==> flow/design.v <==
module switch_rtl #(
   parameter XLEN = 20,
   parameter NUM = 20
) (
   input  core_clk,
   input  reset,
   input  [NUM*XLEN-1:0] bus_in,
   input  [NUM-1:0] idx_in,
   output [XLEN-1:0] o_out
);
   reg [NUM*XLEN-1:0] bus_q;
   reg [NUM-1:0] idx_q;
   reg [XLEN-1:0] tmp;
   integer k;
   always @* begin
      tmp = 0;
      for (k = 0; k < NUM; k = k + 1)
         tmp = tmp | (bus_q[k*XLEN +: XLEN] & {XLEN{idx_q[k]}});
   end
   assign o_out = tmp;
   always @(posedge core_clk) begin
      if (reset) begin
         bus_q <= 0;
         idx_q <= 0;
      end else begin
         bus_q <= bus_in;
         idx_q <= idx_in;
      end
   end
endmodule
# Reports on switch_rtl
# The steps from the RTL of switch_rtl to its reports follow in flow order.
# Lines are those of the file above, counted from 1.
# Library cell names are shortened.
# The mark - stands for no value.
# design
top	switch_rtl
clock	core_clk
cell_library	sky130hd
pvt_corner	tt_025C_1v80

# Word level
# Source: Yosys, flattened and elaborated, memories not mapped. Widths are those after wreduce; folded enables and synchronous resets count as part of the registers. Registers that Yosys merges into a memory's read port (data or address) are not register bits. Print and check cells do not count. Equal cells are merged and count once.
# word_totals
reg_bits	420
elab_cells	41
input_bits	422
# classes
n_logic	39
# ops
operator	count
20-bit AND	20
20-bit OR	19

# Depth
# Depth = most cells in a row (Yosys ltp): at word level without a register or memory, in the mapped netlist without a sequential cell, where the memories' decode and read muxes count.
# depth
depth_word	20
abc_area	0
depth_mapped	5
ltp_nobuf	4

# Synthesis result
# Yosys stat after the flow's synthesis: flattened, memories mapped to cells. It holds for the ABC_AREA given above (unset counts as 0); a run with the other value may have another netlist.
# Totals and module areas in this step are rounded.
# mapped
cells	1167
seq_area_um2	8400
n_buf	87
flip_flops	420
area_um2	14000
# by_type
cell_type	count
dfxtp_1	420
nor2b_1	420
a22o_1	80
a221oi_1	67
a22oi_1	40
buf_6	18
a221oi_2	13
clkbuf_1	50
and3_1	20
nand4_1	20
buf_2	14
buf_4	4
buf_1	1

# Timing after synthesis
# Source: OpenSTA report_checks on the synthesized netlist (no wires, ideal clock, input and output delay 20% of the period each), path of least setup slack; recovery checks are left aside. Register names are those of the netlist, which keeps one name where synthesis merged equal registers.
# synth_path
path_type	register to output
start	register idx_q[7]
end	output port o_out[10]
stages	6
period_ns	1.76
launch_ns	0.000
setup_slack_ns	0.283
output_delay_ns	0.352
t_arrival_ns	1.125
n_path_buf	2
delay_ns	1.125
synth_period_reached_ns	1.477
# "delay_ns" = arrival - input delay + setup time.
# At an output port there is no setup time.
# "stages": output pins that drive a net of the path, with the launching flip-flop's if there is one; two outputs of one cell count as two.
# "synth_period_reached_ns" = period - worst setup slack (recovery checks aside). The figure is calculated, with input and output delays left at 20% of the set period.
# Between the ends stands the longest chain of elaborated cells between them, by number of cells; it is not shown to be the way that was timed. Of several equally long chains one is given.
# Each line given opens the expression or statement behind the cell; cells for indexed reads and writes are added by Yosys, which also makes memories of some case tables.
# synth_via
path_cell_list	dfxtp_1 buf_6 buf_4 a221oi_1 and3_1 nand4_1
elab_chain_len	14
cells_between	14
lines_between	1
classes_between	logic: 14
# synth_rtl
item	line	text
from (decl)	12	reg [NUM-1:0] idx_q;
from (assign)	24	idx_q <= 0;
from (assign)	27	idx_q <= idx_in;
20-bit AND	18	tmp = tmp | (bus_q[k*XLEN +: XLEN] & {XLEN{idx_q[k]}});
20-bit OR x13	18
to (decl)	9	output [XLEN-1:0] o_out

# Worst path after layout
# From the final timing report of run 1: the path of least setup slack in the routed layout; clock arrival at registers is part of the times.
# layout_path
path_type	register to output
start	register idx_q[6]
end	output port o_out[2]
setup_slack_ns	-0.74
period_ns	1.68
t_arrival_ns	2.08
n_path_buf	2
stages	7
output_delay_ns	0.34
launch_ns	0.55
# Between the ends stands the longest chain of elaborated cells between them, by number of cells; it is not shown to be the way that was timed. Of several equally long chains one is given.
# layout_via
path_cell_list	dfxtp_2 buf_6 a22o_1 a221oi_2 and3_4 nand4_1 buf_2
elab_chain_len	15
cells_between	15
lines_between	1
classes_between	logic: 15
# layout_rtl
item	line	text
from (decl)	12	reg [NUM-1:0] idx_q;
from (assign)	24	idx_q <= 0;
from (assign)	27	idx_q <= idx_in;
20-bit AND	18	tmp = tmp | (bus_q[k*XLEN +: XLEN] & {XLEN{idx_q[k]}});
20-bit OR x14	18
to (decl)	9	output [XLEN-1:0] o_out

# Top module switch_rtl; platform sky130hd; tools Yosys and OpenROAD; 3 stored runs in no particular order. Input and output delays are each 20% of the period that was set; the output load is 0.01 pF.
# By "worstPathTime_ns" is meant the share of the clock period that the worst setup path is allowed (20% is reserved at inputs, 20% at outputs), minus its slack. Clock arrival times at its registers enter into it.
# "power_mw" is the tool's figure for a default switching activity; nothing was simulated.
# The measured numbers are rounded.
# Among the settings, n/a means not set for that run.
item,run 1,run 2,run 3
period_ns,1.68,1.76,1.95
CORE_UTILIZATION,31,40,29
PLACE_DENSITY_LB_ADDON,0.11,n/a,n/a
CORE_MARGIN,2,2,10
CAP_MARGIN,20,20,40
SLEW_MARGIN,20,20,5
CELL_PAD_IN_SITES_GLOBAL_PLACEMENT,n/a,n/a,3
ABC_AREA,n/a,n/a,1
CTS_CLUSTER_SIZE,n/a,n/a,91
MIN_ROUTING_LAYER,n/a,n/a,met2
synth_area_um2,14000,14000,15000
design.die.area_um2,45000,35000,62000
finish.utilization_frac,0.49,0.63,0.45
timing.setup.ws_ns,-0.74,-0.64,-0.35
power_mw,24,23,21
worstPathTime_ns,2.08,2.04,1.91
critical_path_kind,register to output,register to output,register to output
